==> flow/design.v <==
module plus_mod #(
    parameter WD = 8
) (
    input clk_i,
    input rst_ni,
    input [WD-1:0] first,
    input [WD-1:0] second,
    input [WD-1:0] third,
    output [WD+1:0] result
);
    reg [WD+1:0] result_reg;
    always @(posedge clk_i) begin
        if (!rst_ni) begin
            result_reg <= 0;
        end else begin
            result_reg <= first + second + third;
        end
    end
    assign result = result_reg;
endmodule
Ticket comment

Tool chain data of plus_mod
A sweep over "WD": the same steps for each member of the family. The RTL above is that of WD = 8; lines are counted from 1 in the file of the member named. Cell names lack the library's common part. Not given: n/a

Design top: plus_mod. Clock input: clk_i. Standard-cell library: sky130hd. Corner: tt_025C_1v80.

Source of the members
Lines of each other member's file that are new or changed against the file above; lines that a member lacks are not shown.

New or changed lines: WD 64 (RTL line 2) `parameter WD = 64`; WD 72 (RTL line 2) `parameter WD = 72`.

After elaboration
Counts by Yosys on the flattened word-level netlist (proc, flatten, opt, wreduce; memories kept). Register bits leave out memories and registers merged into their read ports (data or address); mux counts leave out enables and synchronous resets folded into registers. Print and check cells are left out. Cells with the same type and inputs are merged into one.

Word-level totals: WD 8 (flip-flop bits (word level) 10, latch bits 0, memory bits (writable) 0, memory bits (read-only) 0, clocked read ports x word width 0, memory cells 0, input port bits 26, output and inout bits 10, word-level cells 3); WD 64 (flip-flop bits (word level) 66, latch bits 0, memory bits (writable) 0, memory bits (read-only) 0, clocked read ports x word width 0, memory cells 0, input port bits 194, output and inout bits 66, word-level cells 3); WD 72 (flip-flop bits (word level) 74, latch bits 0, memory bits (writable) 0, memory bits (read-only) 0, clocked read ports x word width 0, memory cells 0, input port bits 218, output and inout bits 74, word-level cells 3).

Cells by class: WD 8 ($add $sub $neg 2, multipliers 0, divide/modulo/power cells 0, magnitude comparators 0, equality and inequality tests 0, shift-type cells 0, mux-type cells 0, bitwise gates (word level) 0, reduce/logical cells 0); WD 64 ($add $sub $neg 2, multipliers 0, divide/modulo/power cells 0, magnitude comparators 0, equality and inequality tests 0, shift-type cells 0, mux-type cells 0, bitwise gates (word level) 0, reduce/logical cells 0); WD 72 ($add $sub $neg 2, multipliers 0, divide/modulo/power cells 0, magnitude comparators 0, equality and inequality tests 0, shift-type cells 0, mux-type cells 0, bitwise gates (word level) 0, reduce/logical cells 0).

Operator list (kinds with counts): WD 8 (adder 9 x 8 -> 10 bit: 1; adder 8 x 8 -> 9 bit: 1); WD 64 (adder 65 x 64 -> 66 bit: 1; adder 64 x 64 -> 65 bit: 1); WD 72 (adder 73 x 72 -> 74 bit: 1; adder 72 x 72 -> 73 bit: 1).

Logic depth
Depth = most cells in a row (Yosys ltp): at word level without a register or memory, in the mapped netlist without a sequential cell, where the memories' decode and read muxes count.

Logic depth: WD 8 (depth in word-level cells 2, ABC_AREA 0, mapped depth 9, mapped depth without buffers 9); WD 64 (depth in word-level cells 2, ABC_AREA 0, mapped depth 14, mapped depth without buffers 14); WD 72 (depth in word-level cells 2, ABC_AREA 0, mapped depth 14, mapped depth without buffers 14).

Mapped cells and area
The flow's flattened synthesis, as Yosys stat reports it; memories are mapped. The netlist is that of the ABC_AREA named above (0 if unset); the other value can give another one.

Mapped netlist: WD 8 (cells in the netlist 82, mapped area 797.0 µm², mapped flip-flops 10, buffers 1); WD 64 (cells in the netlist 802, mapped area 6944.2 µm², mapped flip-flops 66, buffers 36); WD 72 (cells in the netlist 934, mapped area 7977.7 µm², mapped flip-flops 74, buffers 41).

Cells by type (type and count): WD 8 (dfxtp_1: 10; fa_1: 9; ha_1: 7; inv_1: 12; o21ai_0: 6; nand3b_1: 3; and2_1: 3; a21oi_1: 3; nand2_1: 4; o211ai_1: 2; a211oi_2: 1; nand4_1: 2; mux2_1: 1; nor2_1: 3; mux2i_1: 1; a311oi_1: 1; and3b_1: 1; nor4b_1: 1; (+12)); WD 64 (dfxtp_1: 66; fa_1: 65; ha_1: 63; a21oi_1: 79; nor2_1: 80; a21o_1: 35; nand2_1: 68; xnor2_1: 26; o21ai_0: 42; xor2_1: 19; nand4_1: 23; nor3_1: 21; o21bai_1: 14; inv_1: 23; clkbuf_1: 22; nand2b_1: 13; mux2i_1: 8; nand3_1: 14; (+121)); WD 72 (dfxtp_1: 74; fa_1: 73; ha_1: 71; a21oi_1: 87; nor2_1: 111; a21o_1: 37; nand2_1: 72; xnor2_1: 25; o21ai_0: 42; xor2_1: 24; nand4_1: 29; nor3_1: 30; o21a_1: 17; nand3_1: 23; o21bai_1: 14; inv_1: 26; clkbuf_1: 20; buf_2: 13; (+146)).

A list marked (+n) leaves out that many cells.

Worst setup path after synthesis
Path of least setup slack by OpenSTA after synthesis, without wires, with an ideal clock, recovery checks aside; 20% of the period is set as input and as output delay. Where synthesis merged equal registers, the netlist keeps one of their names.

Path after synthesis: WD 8 (path kind input -> register, start in first[1], end reg result_reg[7], clock period 2.75 ns, path slack 0.438 ns, driving pins on the path 7, delay of the path 1.762 ns, synthesis period reached 2.312 ns); WD 64 (path kind input -> register, start in first[2], end reg result_reg[62], clock period 4.81 ns, path slack 0.771 ns, driving pins on the path 11, delay of the path 3.078 ns, synthesis period reached 4.039 ns); WD 72 (path kind input -> register, start in first[1], end reg result_reg[69], clock period 4.72 ns, path slack 0.755 ns, driving pins on the path 12, delay of the path 3.021 ns, synthesis period reached 3.965 ns).

"delay of the path" = arrival - input delay + setup time. "driving pins on the path" counts driving pins, that of a launching flip-flop among them; a cell with two outputs on the path counts twice. "synthesis period reached" is the clock period less the worst setup slack; recovery checks do not enter. This is arithmetic on one report: input and output delays are still those of the set period (20% each). The rows between start and end are the longest chain of elaborated cells between them; the timing report does not say that the signal goes this way. Where chains are equally long, one stands for them. A line is the first line of the expression or statement that the cell stems from. Yosys adds cells for indexed reads and writes and turns some case tables into memories.

On the way, after synthesis, WD = 8:
Under cells in the longest elaborated chain stands 2.

Ends and longest elaborated chain, after synthesis, WD = 8: from (decl) (RTL line 6) `input [WD-1:0] first,`; adder 8 x 8 -> 9 bit (RTL line 16) `result_reg <= first + second + third;`; adder 9 x 8 -> 10 bit (RTL line 16); to (assign) (RTL line 14) `result_reg <= 0;`; to (assign) (RTL line 16); to (decl) (RTL line 11) `reg [WD+1:0] result_reg;`.

On the way, after synthesis, WD = 72:
Under cells in the longest elaborated chain stands 2.

Ends and longest elaborated chain, after synthesis, WD = 72: from (decl) (RTL line 6) `input [WD-1:0] first,`; adder 72 x 72 -> 73 bit (RTL line 16) `result_reg <= first + second + third;`; adder 73 x 72 -> 74 bit (RTL line 16); to (assign) (RTL line 14) `result_reg <= 0;`; to (assign) (RTL line 16); to (decl) (RTL line 11) `reg [WD+1:0] result_reg;`.

Timing after layout
From the final timing report of the run of each member: the path of least setup slack in the routed layout; clock arrival at registers is part of the times.

Path after layout: WD 8 (path kind input -> register, start in first[1], end reg result_reg[7], clock period 2.75 ns, path slack 0.20 ns, driving pins on the path 8, data arrival time 2.68 ns, buffers on the path 1); WD 64 (path kind input -> register, start in first[1], end reg result_reg[62], clock period 4.81 ns, path slack 0.36 ns, driving pins on the path 12, data arrival time 4.73 ns, buffers on the path 1); WD 72 (path kind input -> register, start in first[1], end reg result_reg[71], clock period 4.72 ns, path slack 0.28 ns, driving pins on the path 13, data arrival time 4.71 ns, buffers on the path 1).

Measured runs
One run of the flow (Yosys, OpenROAD) for each member, with settings and measured results. Input and output delays are each 20% of the period that was set; the output load is 0.01 pF.

The entry for CAP_MARGIN reads 20. For CORE_MARGIN the number is 2. The entry for CORE_UTILIZATION reads 40. Under SLEW_MARGIN stands 20.

Settings that differ (period_ns): WD 8 (2.75); WD 64 (4.81); WD 72 (4.72).

Measured results: WD 8 (chip area after synthesis (Yosys) 797.0 µm², area inside the die boundary 2365.4 µm², standard-cell area of the final layout 1243.7 µm², utilization of the finished layout 0.647, lowest setup slack 0.196 ns, summed negative setup slack 0.000 ns, worst hold slack in the final report 1.015 ns, total design power 623.8 µW, period reached 2.554 ns); WD 64 (chip area after synthesis (Yosys) 6944.2 µm², area inside the die boundary 18430.8 µm², standard-cell area of the final layout 10059.6 µm², utilization of the finished layout 0.588, lowest setup slack 0.356 ns, summed negative setup slack 0.000 ns, worst hold slack in the final report 1.312 ns, total design power 3437 µW, period reached 4.454 ns); WD 72 (chip area after synthesis (Yosys) 7977.7 µm², area inside the die boundary 21090.3 µm², standard-cell area of the final layout 11419.7 µm², utilization of the finished layout 0.585, lowest setup slack 0.284 ns, summed negative setup slack 0.000 ns, worst hold slack in the final report 1.317 ns, total design power 3999 µW, period reached 4.436 ns).

"period reached": clock period set for the run, less the worst setup slack. It is reckoned from that one timing run; input and output delays stay at 20% of the period that was set. "total design power": no workload was simulated; the value follows from the tool's default switching activity.
